==> flow/design.v <==
module core_summer_mod #(
   parameter integer DWIDTH = 12,
   parameter integer LANES = 20,
   parameter integer OUT_W = DWIDTH + $clog2(LANES)
) (
   input wire ck,
   input wire RST,
   input wire adv,
   input wire [LANES*DWIDTH-1:0] bus,
   output reg [OUT_W-1:0] s
);
   reg [OUT_W-1:0] val;
   integer t;
   always @(*) begin
      val = 0;
      for (t = 0; t < LANES; t = t + 1)
         val = val + bus[t*DWIDTH +: DWIDTH];
   end
   always @(posedge ck) begin
      if (RST) begin
         s <= 0;
      end else if (adv) begin
         s <= val;
      end
   end
endmodule
======== Tool chain data of core_summer_mod ========
Tool output for the design above, in the order of the flow.
Lines are those of the file above, counted from 1.
Cell names lack the library's common part.
A cell with n/a has no value.
set-up
  top ..................................... core_summer_mod
  clock port .............................. ck
  cell library ............................ sky130hd
  timing corner ........................... tt_025C_1v80

======== Word level ========
Source: Yosys, flattened and elaborated, memories not mapped. Widths are those after wreduce; folded enables and synchronous resets count as part of the registers. Registers that Yosys merges into a memory's read port (data or address) are not register bits. Print and check cells do not count. Equal cells are merged and count once.
storage and ports
  elaborated cells ........................ 20
  bits in registers ....................... 17
  input port bits ......................... 243
operators by class
  add/sub/neg operators ................... 19
operator list
  operator                 number
  adder 17 x 12 -> 17 bit  14
  adder 16 x 12 -> 17 bit  1
  adder 15 x 12 -> 16 bit  1
  adder 14 x 12 -> 15 bit  1
  adder 13 x 12 -> 14 bit  1
  adder 12 x 12 -> 13 bit  1

======== Logic depth ========
Yosys ltp: most cells in a row. Word level: on the elaborated netlist, between registers, memories and ports. Mapped: between sequential cells and ports; inverters and the memories' decode and read muxes count.
depth
  depth in word-level cells ............... 19
  ABC_AREA ................................ 0
  depth in mapped cells ................... 20

======== After synthesis ========
Yosys stat after the flow's synthesis: flattened, memories mapped to cells. It holds for the ABC_AREA given above (unset counts as 0); a run with the other value may have another netlist.
Totals and module areas in this step are rounded.
synthesis totals
  chip area (Yosys) ....................... 6,830 um^2
  flip-flop cells ......................... 17
  buffer cells ............................ 5
  mapped cells ............................ 679
  area of sequential cells ................ 340 um^2
cells by type
  cell      number
  fa_1      210
  inv_1     304
  ha_1      34
  dfxtp_1   17
  a21oi_1   15
  mux2i_1   6
  nor2_1    14
  xnor2_1   6
  nand2b_1  6
  nand4b_1  4
  o22ai_1   5
  nand2_1   8
  or4b_1    3
  o311ai_1  3
  nor2b_1   4
  o21ai_1   4
  a31oi_1   3
  clkbuf_1  5
Not listed: further types 18, cells in them 28.

======== Worst setup path after synthesis ========
Source: OpenSTA report_checks on the synthesized netlist (no wires, ideal clock, input and output delay 20% of the period each), path of least setup slack; recovery checks are left aside. Register names are those of the netlist, which keeps one name where synthesis merged equal registers.
timing after synthesis
  path type ............................... input to register
  start point ............................. input port bus[182]
  end point ............................... register s[13]
  data arrival time ....................... 6,699 ps
  buffers on the path ..................... 0
  period .................................. 8,060 ps
  data required time ...................... 7,989 ps
  delay of the path ....................... 5,158 ps
  setup slack ............................. 1,291 ps
  driving pins on the path ................ 20
  period reached after synthesis .......... 6,769 ps
"delay of the path" = arrival - input delay + setup time.
"driving pins on the path": output pins that drive a net of the path, with the launching flip-flop's if there is one; two outputs of one cell count as two.
"period reached after synthesis" is the clock period less the worst setup slack; recovery checks do not enter. This is arithmetic on one report: input and output delays are still those of the set period (20% each).
The rows between start and end are the longest chain of elaborated cells between them; the timing report does not say that the signal goes this way. Where chains are equally long, one stands for them.
A line is the first line of the expression or statement that the cell stems from. Yosys adds cells for indexed reads and writes and turns some case tables into memories.
on the way, after synthesis
  cells stage by stage .................... inv_1 -> fa_1 -> inv_1 -> fa_1 -> inv_1 -> fa_1 -> fa_1 -> inv_1 -> fa_1 -> inv_1 -> fa_1 -> fa_1 -> inv_1 -> fa_1 -> a21oi_1 -> o211ai_1 -> a221oi_1 -> and3_1 -> o21ai_1 -> a21oi_1
  length of the longest elaborated chain .. 5
  elaborated cells between the ends (all ways) .. 5
  classes of those cells .................. add/sub: 5
RTL lines, path after synthesis
  element                               RTL line  text
  start: declaration                    9         input wire [LANES*DWIDTH-1:0] bus,
  adder 17 x 12 -> 17 bit (5 in a row)  17        val = val + bus[t*DWIDTH +: DWIDTH];
  end: assignment                       21        s <= 0;
  end: assignment                       23        s <= val;
  end: declaration                      10        output reg [OUT_W-1:0] s

======== Timing after layout ========
From the final timing report of run 2: the path of least setup slack in the routed layout; clock arrival at registers is part of the times.
The report prints the path's times to 10 ps; the period is as set.
timing post-layout
  path type ............................... input to register
  start point ............................. input port bus[182]
  end point ............................... register s[13]
  driving pins on the path ................ 21
  data required time ...................... 8,220 ps
  data arrival time ....................... 7,510 ps
  setup slack ............................. 710 ps
  buffers on the path ..................... 1
  period .................................. 8,060 ps
The rows between start and end are the longest chain of elaborated cells between them; the timing report does not say that the signal goes this way. Where chains are equally long, one stands for them.
on the way, post-layout
  cells stage by stage .................... clkdlybuf4s50_1 -> inv_1 -> fa_1 -> inv_1 -> fa_1 -> inv_1 -> fa_1 -> fa_1 -> inv_1 -> fa_1 -> inv_1 -> fa_1 -> fa_1 -> inv_1 -> fa_1 -> a21oi_1 -> o211ai_1 -> a221oi_1 -> and3_1 -> o21ai_1 -> a21oi_1
  length of the longest elaborated chain .. 5
  elaborated cells between the ends (all ways) .. 5
  classes of those cells .................. add/sub: 5
RTL lines, path post-layout
  element                               RTL line  text
  start: declaration                    9         input wire [LANES*DWIDTH-1:0] bus,
  adder 17 x 12 -> 17 bit (5 in a row)  17        val = val + bus[t*DWIDTH +: DWIDTH];
  end: assignment                       21        s <= 0;
  end: assignment                       23        s <= val;
  end: declaration                      10        output reg [OUT_W-1:0] s

Design core_summer_mod on sky130hd. What follows are 3 stored runs of the flow, each under its own settings; their order means nothing. The constraints put input and output delay at 20% of the set period each and load the outputs with 0.01 pF.
"achieved period" is the run's clock period less its worst setup slack. It is reckoned from that one timing run; input and output delays stay at 20% of the period that was set.
"worst path time": the worst setup path's part of the clock period (all of it between registers, 20% less for each end at a port) less its slack. A launch clock that arrives late makes it longer, a capture clock that arrives late makes it shorter.
"worst path time" is known to 10 ps.
Values from the reports are rounded here.

======== run 1 ========
==> flow/run.sh <==
#!/bin/bash
# the make line also repeats the synthesis and layout settings of config.mk as NAME=value (left out here)
make -C /OpenROAD-flow-scripts/flow DESIGN_CONFIG=/design/flow/config.mk WORK_HOME=/design/flow/orfs CLKGATE_MAP_FILE= finish
==> flow/config.mk <==
export PLATFORM = sky130hd
export DESIGN_NAME = core_summer_mod
export DESIGN_NICKNAME = core_summer_mod
export VERILOG_FILES = /design/flow/design.v
export SDC_FILE = /design/flow/constraint.sdc
export NUM_CORES = 4
export LEC_CHECK = 0
export ABC_AREA = 1
export CAP_MARGIN = 20
export CORE_MARGIN = 2
export CORE_UTILIZATION = 67
export GPL_ROUTABILITY_DRIVEN = 0
export PLACE_DENSITY = 0.69
export SETUP_SLACK_MARGIN = -0.09
export SLEW_MARGIN = 20
export TNS_END_PERCENT = 45
==> flow/constraint.sdc <==
create_clock -name core_clock -period 5.46 [get_ports {ck}]
set_input_delay 1.0920 -clock core_clock [delete_from_list [all_inputs] [get_ports {ck}]]
set_output_delay 1.0920 -clock core_clock [all_outputs]
set_load 0.01 [all_outputs]

-------- run 1 --------
  incomplete, placement halted on DPL-0033

======== run 2 ========
==> flow/run.sh <==
#!/bin/bash
# the make line also repeats the synthesis and layout settings of config.mk as NAME=value (left out here)
make -C /OpenROAD-flow-scripts/flow DESIGN_CONFIG=/design/flow/config.mk WORK_HOME=/design/flow/orfs CLKGATE_MAP_FILE= finish
==> flow/config.mk <==
export PLATFORM = sky130hd
export DESIGN_NAME = core_summer_mod
export DESIGN_NICKNAME = core_summer_mod
export VERILOG_FILES = /design/flow/design.v
export SDC_FILE = /design/flow/constraint.sdc
export NUM_CORES = 4
export LEC_CHECK = 0
export CAP_MARGIN = 20
export CORE_MARGIN = 2
export CORE_UTILIZATION = 40
export SLEW_MARGIN = 20
==> flow/constraint.sdc <==
create_clock -name core_clock -period 8.06 [get_ports {ck}]
set_input_delay 1.6120 -clock core_clock [delete_from_list [all_inputs] [get_ports {ck}]]
set_output_delay 1.6120 -clock core_clock [all_outputs]
set_load 0.01 [all_outputs]

-------- measured, run 2 --------
  area inside the die boundary ............ 18,100 um^2
  utilization in the final report ......... 0.587
  final setup TNS ......................... 0 ps
  smallest setup slack .................... 707 ps
  standard-cell area after layout ......... 9,760 um^2
  worst path time ......................... 5,740 ps
  worst setup path kind ................... input to register
  post-route worst hold slack ............. 483 ps
  synthesis area .......................... 6,830 um^2
  achieved period ......................... 7,353 ps

======== run 3 ========
==> flow/run.sh <==
#!/bin/bash
# the make line also repeats the synthesis and layout settings of config.mk as NAME=value (left out here)
make -C /OpenROAD-flow-scripts/flow DESIGN_CONFIG=/design/flow/config.mk WORK_HOME=/design/flow/orfs CLKGATE_MAP_FILE= finish
==> flow/config.mk <==
export PLATFORM = sky130hd
export DESIGN_NAME = core_summer_mod
export DESIGN_NICKNAME = core_summer_mod
export VERILOG_FILES = /design/flow/design.v
export SDC_FILE = /design/flow/constraint.sdc
export NUM_CORES = 4
export LEC_CHECK = 0
export CAP_MARGIN = 20
export CORE_ASPECT_RATIO = 0.76
export CORE_MARGIN = 2
export CORE_UTILIZATION = 52
export MAX_ROUTING_LAYER = met5
export SLEW_MARGIN = 20
==> flow/constraint.sdc <==
create_clock -name core_clock -period 6.27 [get_ports {ck}]
set_input_delay 1.2540 -clock core_clock [delete_from_list [all_inputs] [get_ports {ck}]]
set_output_delay 1.2540 -clock core_clock [all_outputs]
set_load 0.01 [all_outputs]

-------- measured, run 3 --------
  final setup TNS ......................... -1,460 ps
  post-route worst hold slack ............. 488 ps
  standard-cell area after layout ......... 10,300 um^2
  smallest setup slack .................... -256 ps
  achieved period ......................... 6,526 ps
  worst path time ......................... 5,270 ps
  worst setup path kind ................... input to register
  synthesis area .......................... 6,830 um^2
  area inside the die boundary ............ 14,100 um^2
  utilization in the final report ......... 0.803
